==> flow/design.v <==
module cpu_comparator_stage #(
  parameter integer WD = 12,
  parameter integer WAYS = 20
) (
  input wire clk,
  input wire step,
  input wire [WAYS*WD-1:0] i_bus,
  output wire [WD-1:0] o_max_o
);
  reg [WAYS*WD-1:0] bus_r;
  always @(posedge clk) begin
    if (step) begin
      bus_r <= i_bus;
    end
  end
  wire [WD-1:0] nd [1:2*WAYS-1];
  genvar k;
  generate
    for (k = 0; k < WAYS; k = k + 1) begin : slice
      assign nd[WAYS+k] = bus_r[k*WD +: WD];
    end
    for (k = 1; k < WAYS; k = k + 1) begin : g_bit
      assign nd[k] = (nd[2*k] > nd[2*k+1]) ? nd[2*k] : nd[2*k+1];
    end
  endgenerate
  reg [WD-1:0] max_o_r;
  always @(posedge clk) begin
    if (step) begin
      max_o_r <= nd[1];
    end
  end
  assign o_max_o = max_o_r;
endmodule
## Reports on cpu_comparator_stage

What the tools print for cpu_comparator_stage, step after step.
Lines are those of the file above, counted from 1.
Library cell names are shortened.
A cell with - has no value.

| inputs | value |
|---|---|
| top module | cpu_comparator_stage |
| clock input | clk |
| standard-cell library | sky130hd |
| timing corner | tt_025C_1v80 |

## After elaboration

Counts by Yosys on the flattened word-level netlist (proc, flatten, opt, wreduce). Print and check cells are left out. Cells with the same type and inputs are merged into one.

| cells by class | value |
|---|---|
| order comparisons | 19 |
| mux-type cells | 19 |

Operators with widths:

| operator | count |
|---|---|
| 12-bit > comparator | 19 |
| 12-bit two-way mux | 19 |

| word-level totals | value |
|---|---|
| bits in registers | 252 |
| bits of input ports | 242 |
| elaborated cells | 40 |
| output and inout port bits | 12 |

## Logic depth

Longest topological path by Yosys (ltp), each cell counted once; first at word level (registers and memories cut), then after technology mapping (sequential cells cut; the memories' decode and read muxes count).

| depth | value |
|---|---|
| depth in word-level cells | 10 |
| ABC_AREA | 0 |
| gate-level depth with buffers | 58 |

## Netlist

The flow's flattened synthesis, as Yosys stat reports it; memories are mapped. The netlist is that of the ABC_AREA named above (0 if unset); the other value can give another one.

| mapped netlist | value |
|---|---|
| flip-flops | 252 |
| cells in the netlist | 1,349 |
| synthesis area | 0.0158602 mm² |

Cells by type:

| cell type | count |
|---|---|
| edfxtp_1 | 252 |
| ha_1 | 226 |
| mux2i_1 | 155 |
| inv_1 | 218 |
| a21oi_1 | 89 |
| a21o_1 | 53 |
| nand4_1 | 50 |
| nor2_1 | 58 |
| nor2b_1 | 32 |
| o21ai_0 | 38 |
| a221oi_2 | 9 |
| nand2b_1 | 18 |
| mux2i_2 | 8 |
| nor3_1 | 21 |
| mux2_2 | 9 |
| clkbuf_1 | 18 |
| nand2_1 | 18 |
| a2111oi_0 | 7 |

Not listed: further types 34, cells in them 70.

## Timing after synthesis

Source: OpenSTA report_checks on the synthesized netlist (no wires, ideal clock, input and output delay 20% of the period each), path of least setup slack; recovery checks are left aside. Register names are those of the netlist, which keeps one name where synthesis merged equal registers.

| timing path after synthesis | value |
|---|---|
| path type | register to register |
| from | reg bus_r[193] |
| to | reg max_o_r[7] |
| arrival time | 9,341 ps |
| launch time at the first pin | 0 ps |
| path delay | 9,631 ps |
| stages | 54 |
| library setup time | 290 ps |
| period | 12,000 ps |
| buffers on the path | 7 |
| path slack | 2,369 ps |
| synthesis period reached | 9,631 ps |

"path delay" is the arrival time less input delay plus setup time.
"stages" counts driving pins, that of a launching flip-flop among them; a cell with two outputs on the path counts twice.
"synthesis period reached" is the clock period less the worst setup slack; recovery checks do not enter. This is arithmetic on one report: input and output delays are still those of the set period (20% each).
The rows between start and end are the longest chain of elaborated cells between them; the timing report does not say that the signal goes this way. Where chains are equally long, one stands for them.
Each line given opens the expression or statement behind the cell; cells for indexed reads and writes are added by Yosys, which also makes memories of some case tables.

| between the ends, after synthesis | value |
|---|---|
| cells stage by stage | edfxtp_1 ha_1 nor2b_1 o211ai_1 a211o_1 a31oi_4 buf_1 clkbuf_1 a21oi_1 inv_1 ha_1 a21oi_1 nor2b_1 o21ai_0 nand2b_1 a21oi_1 o31ai_4 o21ai_2 [18 not listed] nor2_1 o22a_1 buf_1 clkbuf_1 a21oi_1 ha_1 a21o_1 a21oi_1 nor2b_1 o21ai_0 nand2b_1 a21oi_1 nor2b_1 o21ai_0 a32oi_1 and2_1 clkbuf_1 a221oi_1 |
| cells in the longest elaborated chain | 10 |

RTL lines, path after synthesis:

| what | RTL line | source |
|---|---|---|
| from (decl) | 10 | `reg [WAYS*WD-1:0] bus_r;` |
| from (assign) | 13 | `bus_r <= i_bus;` |
| 12-bit > comparator | 23 | `assign nd[k] = (nd[2*k] > nd[2*k+1]) ? nd[2*k] : nd[2*k+1];` |
| 12-bit two-way mux | 23 |  |
| 12-bit > comparator | 23 |  |
| 12-bit two-way mux | 23 |  |
| 12-bit > comparator | 23 |  |
| 12-bit two-way mux | 23 |  |
| 12-bit > comparator | 23 |  |
| 12-bit two-way mux | 23 |  |
| 12-bit > comparator | 23 |  |
| 12-bit two-way mux | 23 |  |
| to (assign) | 29 | `max_o_r <= nd[1];` |
| to (decl) | 26 | `reg [WD-1:0] max_o_r;` |

## Timing after layout

From the final timing report of run A: the path of least setup slack in the routed layout; clock arrival at registers is part of the times.
The path's times are printed in steps of 10 ps; the period is the one set.

| timing path after layout | value |
|---|---|
| path type | register to register |
| from | reg bus_r[202] |
| to | reg max_o_r[0] |
| period | 12,000 ps |
| launch time at the first pin | 570 ps |
| path slack | 1,110 ps |
| stages | 50 |
| arrival time | 11,240 ps |
| buffers on the path | 0 |
| library setup time | 240 ps |

The rows between start and end are the longest chain of elaborated cells between them; the timing report does not say that the signal goes this way. Where chains are equally long, one stands for them.

| between the ends, after layout | value |
|---|---|
| cells stage by stage | edfxtp_1 ha_1 nand4_1 a211o_1 a31oi_4 nor2_1 a21oi_1 inv_1 ha_1 nor2b_1 o21ai_0 nand2b_1 a21oi_1 o31ai_4 o21ai_2 mux2i_1 inv_1 ha_1 [14 not listed] a21oi_1 nor2_1 o22a_1 nor2_1 a21oi_1 ha_1 a21o_1 a21oi_1 nor2b_1 o21ai_0 nand2b_1 a21oi_1 nor2b_1 o21ai_0 a32oi_2 and2_1 inv_1 o21a_1 |
| cells in the longest elaborated chain | 10 |

RTL lines, path after layout:

| what | RTL line | source |
|---|---|---|
| from (decl) | 10 | `reg [WAYS*WD-1:0] bus_r;` |
| from (assign) | 13 | `bus_r <= i_bus;` |
| 12-bit > comparator | 23 | `assign nd[k] = (nd[2*k] > nd[2*k+1]) ? nd[2*k] : nd[2*k+1];` |
| 12-bit two-way mux | 23 |  |
| 12-bit > comparator | 23 |  |
| 12-bit two-way mux | 23 |  |
| 12-bit > comparator | 23 |  |
| 12-bit two-way mux | 23 |  |
| 12-bit > comparator | 23 |  |
| 12-bit two-way mux | 23 |  |
| 12-bit > comparator | 23 |  |
| 12-bit two-way mux | 23 |  |
| to (assign) | 29 | `max_o_r <= nd[1];` |
| to (decl) | 26 | `reg [WD-1:0] max_o_r;` |

Below are 3 stored runs of the flow (Yosys, OpenROAD; platform sky130hd) on cpu_comparator_stage, each with its settings and what was measured, unordered. Constraints: input delay and output delay 20% of the set period each, output load 0.01 pF.
"clock period achieved" means the clock period less the worst setup slack. The figure is calculated, with input and output delays left at 20% of the set period.
"worst path time" is the time allowed to the run's worst setup path (the clock period less input and output delay, where it has them) less its slack. Clock arrival times count: a late capture clock shortens it, a late launch clock lengthens it.
"power consumption": no workload was simulated; the value follows from the tool's default switching activity.
"worst path time" is given in steps of 10 ps.
Among the settings, - means not set for that run.
Results: - = not shown.

| stored run | period_ns | CAP_MARGIN | CORE_MARGIN | CORE_UTILIZATION | SLEW_MARGIN | SETUP_SLACK_MARGIN | PLACE_DENSITY | CORE_ASPECT_RATIO | TNS_END_PERCENT | PLACE_DENSITY_LB_ADDON | HOLD_SLACK_MARGIN | CTS_CLUSTER_SIZE | MAX_ROUTING_LAYER | Yosys chip area after synthesis (mm²) | overall die area (mm²) | std-cell area (final layout) (mm²) | utilization (%) | setup slack of the worst path (ps) | setup TNS (ps) | lowest hold slack (ps) | power consumption (uW) | clock period achieved (ps) | worst path time (ps) | critical path kind |
|---|---|---|---|---|---|---|---|---|---|---|---|---|---|---|---|---|---|---|---|---|---|---|---|---|
| run A | 12.0 | 20 | 2 | 40 | 20 | - | - | - | - | - | - | - | - | 0.0158602 | 0.0412598 | 0.0200542 | 51.5 | 1,108 | 0 | 1,053 | 3,907 | 10,892 | 10,890 | register to register |
| run B | 7.3 | 30 | 2 | 72 | 30 | 1.45 | 0.94 | 1.83 | 75 | - | - | - | - | - | - | - | - | - | - | - | - | - | - | - |
| run C | 7.03 | 20 | 2 | 17 | 20 | 1.2 | - | - | - | 0.22 | 0.29 | 89 | met5 | 0.0158602 | 0.0957531 | 0.0261238 | 28.1 | -1,623 | -19,070 | 1,271 | 9,091 | 8,653 | 8,650 | register to register |

Run B: no final report: placement broke off with DPL-0033
